==> flow/design.v <==
module sync_mul_unit_stage #(
  parameter int DATA_W = 40
) (
  input logic sys_clk,
  input logic [DATA_W-1:0] a_i,
  input logic [DATA_W-1:0] b_i,
  input logic zero_i,
  output logic [2*DATA_W-1:0] m_o,
  output logic fin_o
);
  logic [DATA_W-1:0] a_reg;
  logic [DATA_W-1:0] b_reg;
  logic zero_reg;
  localparam int SEL_W = $clog2(DATA_W + 1);
  logic [DATA_W-1:0] mcand;
  logic [SEL_W-1:0] left;
  logic [2*DATA_W-1:0] state;
  logic [DATA_W:0] work;
  assign work = state[2*DATA_W-1:DATA_W] + (state[0] ? mcand : {DATA_W{1'b0}});
  assign m_o = state;
  assign fin_o = (left == 0);
  always_ff @(posedge sys_clk) begin
    a_reg <= a_i;
    b_reg <= b_i;
    zero_reg <= zero_i;
    mcand <= zero_reg ? a_reg : mcand;
    left <= zero_reg ? DATA_W : (left != 0) ? left - 1'b1 : left;
    state <= zero_reg ? {{DATA_W{1'b0}}, b_reg} : (left != 0) ? {work, state[DATA_W-1:1]} : state;
  end
endmodule
# Step by step through the tools: sync_mul_unit_stage
# The steps from the RTL of sync_mul_unit_stage to its reports follow in flow order.
# Line numbers count from 1 in the design file above.
# Operators carry their Yosys type and port widths (W data, S select, Z words).
# The mark -- stands for no value.
# inputs
top,sync_mul_unit_stage
clock,sys_clk
library,sky130hd
pvt_corner,tt_025C_1v80

# Word level
# Counts by Yosys on the flattened word-level netlist (proc, flatten, opt, wreduce; memories kept). Register bits leave out memories and registers merged into their read ports (data or address). Print and check cells are left out. Cells with the same type and inputs are merged into one.
# word_totals
register_bits,207
inputBits,82
out_inout_bits,81
elab_cells,15
# op_classes
add_sub_neg,2
mux,3
reduce_logical,3
# ops
cell,n
$mux W40,3
$add A40 B40 Y41,1
$sub A6 B1 Y6 const B,1
$logic_not A6 Y1,1
$reduce_bool A6 Y1,1
$reduce_bool A2 Y1,1

# Logic depth
# Yosys ltp: most cells in a row. Word level: on the elaborated netlist, between registers, memories and ports. Mapped: between sequential cells and ports; inverters and the memories' decode and read muxes count.
# logic_depth
ltp_word,4
ABC_AREA,0
mapped_depth,11
ltp_nobuf,10

# Mapped cells and area
# The flow's flattened synthesis, as Yosys stat reports it; memories are mapped. The netlist is that of the ABC_AREA named above (0 if unset); the other value can give another one.
# mapped
stdcells,808
mapped_area_mm2,0.0088948
sequential_area_mm2,0.0049447
ffs,207
# by_type
type,n,type_area_um2
sky130_fd_sc_hd__dfxtp_1,127,2.54E+03
sky130_fd_sc_hd__edfxtp_1,80,2.4E+03
sky130_fd_sc_hd__ha_1,42,525.504
sky130_fd_sc_hd__mux2_2,40,450.432
sky130_fd_sc_hd__a21oi_1,66,330.317
sky130_fd_sc_hd__nand2_1,80,300.288
sky130_fd_sc_hd__and2_1,45,281.52
sky130_fd_sc_hd__o21ai_0,37,185.178
sky130_fd_sc_hd__nor2_1,43,161.405
sky130_fd_sc_hd__xnor2_1,15,131.376
sky130_fd_sc_hd__nand4_1,20,125.12
sky130_fd_sc_hd__clkbuf_1,27,101.347
sky130_fd_sc_hd__a21o_1,13,97.594
sky130_fd_sc_hd__a211oi_1,12,90.086
sky130_fd_sc_hd__nor3_1,14,70.067
sky130_fd_sc_hd__o21a_1,9,67.565
sky130_fd_sc_hd__o21bai_1,9,67.565
sky130_fd_sc_hd__xor2_1,7,61.309
# Other cell types: 50; their cells: 122.

# Path before layout
# Source: OpenSTA report_checks on the synthesized netlist (no wires, ideal clock, input and output delay 20% of the period each), path of least setup slack; recovery checks are left aside. Register names are those of the netlist, which keeps one name where synthesis merged equal registers.
# synth_path
kind,reg2reg
from,reg state[0]
to,reg state[69]
period_ns,3.76
setup_time_ns,0.117
arrival_ns,2.894
required_time_ns,3.643
slack_ns,0.749
delay_ns,3.011
driving_pins,12
n_path_buf,1
synth_period_reached_ns,3.011
# "delay_ns" = arrival - input delay + setup time.
# "driving_pins": output pins that drive a net of the path, with the launching flip-flop's if there is one; two outputs of one cell count as two.
# "synth_period_reached_ns" = period - worst setup slack (recovery checks aside). The figure is calculated, with input and output delays left at 20% of the set period.
# The rows between start and end are the longest chain of elaborated cells between them; the timing report does not say that the signal goes this way. Where chains are equally long, one stands for them.
# Each line given opens the expression or statement behind the cell; cells for indexed reads and writes are added by Yosys, which also makes memories of some case tables.
# synth_via
cell_sequence,sky130_fd_sc_hd__edfxtp_1 > sky130_fd_sc_hd__clkbuf_1 > sky130_fd_sc_hd__and2_1 > sky130_fd_sc_hd__ha_1 > sky130_fd_sc_hd__fa_1 > sky130_fd_sc_hd__a211oi_1 > sky130_fd_sc_hd__o21a_1 > sky130_fd_sc_hd__a211oi_1 > sky130_fd_sc_hd__o21ai_1 > sky130_fd_sc_hd__a211oi_1 > sky130_fd_sc_hd__or3_1 > sky130_fd_sc_hd__a32o_1
elab_chain_len,2
cells_between,2
classes_between,1 x add/sub; 1 x mux
# synth_lines
item,line_no,text
"start, declared",17,logic [2*DATA_W-1:0] state;
"start, assigned",28,"state <= zero_reg ? {{DATA_W{1'b0}}, b_reg} : (left != 0) ? {work, state[DATA_W-1:1]} : state;"
$mux W40,19,assign work = state[2*DATA_W-1:DATA_W] + (state[0] ? mcand : {DATA_W{1'b0}});
$add A40 B40 Y41,19,
"end, assigned",28,
"end, declared",17,

# Path in the finished layout
# From the final timing report of job 2: the path of least setup slack in the routed layout; clock arrival at registers is part of the times.
# layout_path
kind,reg2reg
from,reg state[0]
to,reg state[68]
period_ns,3.76
setup_time_ns,0.11
arrival_ns,3.79
required_time_ns,4.16
slack_ns,0.37
driving_pins,11
n_path_buf,1
# The rows between start and end are the longest chain of elaborated cells between them; the timing report does not say that the signal goes this way. Where chains are equally long, one stands for them.
# layout_via
cell_sequence,sky130_fd_sc_hd__edfxtp_1 > sky130_fd_sc_hd__buf_4 > sky130_fd_sc_hd__and2_1 > sky130_fd_sc_hd__ha_1 > sky130_fd_sc_hd__and2_4 > sky130_fd_sc_hd__a221oi_1 > sky130_fd_sc_hd__a21oi_1 > sky130_fd_sc_hd__o21ai_0 > sky130_fd_sc_hd__and2_1 > sky130_fd_sc_hd__o21ai_0 > sky130_fd_sc_hd__a221o_1
elab_chain_len,2
cells_between,2
classes_between,1 x add/sub; 1 x mux
# layout_lines
item,line_no,text
"start, declared",17,logic [2*DATA_W-1:0] state;
"start, assigned",28,"state <= zero_reg ? {{DATA_W{1'b0}}, b_reg} : (left != 0) ? {work, state[DATA_W-1:1]} : state;"
$mux W40,19,assign work = state[2*DATA_W-1:DATA_W] + (state[0] ? mcand : {DATA_W{1'b0}});
$add A40 B40 Y41,19,
"end, assigned",28,
"end, declared",17,

# Stored flow runs of sync_mul_unit_stage (3 of them; Yosys, OpenROAD, sky130hd). They differ in their settings and are not a sequence. Constraints: input delay and output delay 20% of the set period each, output load 0.01 pF.
# "period_reached_ns" is the run's clock period less its worst setup slack. It is reckoned from that one timing run; input and output delays stay at 20% of the period that was set.
# "worst_path_ns" is the time allowed to the run's worst setup path (the clock period less input and output delay, where it has them) less its slack. Clock arrival times count: a late capture clock shortens it, a late launch clock lengthens it.
# By "power.total_mw" is meant OpenSTA's value without simulated activity: inputs other than the clock are taken to toggle once in ten clock periods, and the tool carries that through the logic.
# A setting shown as n/a is not set for that run.
# Results: n/a = not shown.
run name,period_ns,CORE_UTILIZATION,SETUP_SLACK_MARGIN,PLACE_DENSITY,CORE_ASPECT_RATIO,CELL_PAD_IN_SITES_GLOBAL_PLACEMENT,ABC_AREA,GPL_TIMING_DRIVEN,CAP_MARGIN,CORE_MARGIN,SLEW_MARGIN,CELL_PAD_IN_SITES_DETAIL_PLACEMENT,TNS_END_PERCENT,CTS_CLUSTER_DIAMETER,yosys.chip_area_mm2,design.die.area_mm2,stdcell_area_mm2,fin_util_frac,setup_ws_ns,power.total_mw,period_reached_ns,worst_path_ns,critical_path_type
job 1,3.09,51,0.06,0.47,1.1,2,1,0,20,2,20,n/a,n/a,n/a,n/a,n/a,n/a,n/a,n/a,n/a,n/a,n/a,n/a
job 2,3.76,40,n/a,n/a,n/a,n/a,n/a,n/a,20,2,20,n/a,n/a,n/a,0.0088948,0.0234457,0.0115761,0.53,0.370,6.857,3.390,3.39,reg2reg
job 3,2.35,23,-0.1,0.52,1.12,n/a,1,n/a,20,2,20,0,60,155,0.0093765,0.0424008,0.0126834,0.314,-0.021,9.886,2.371,2.37,reg2reg
# Job 1: did not finish, placement stopped with GPL-0301
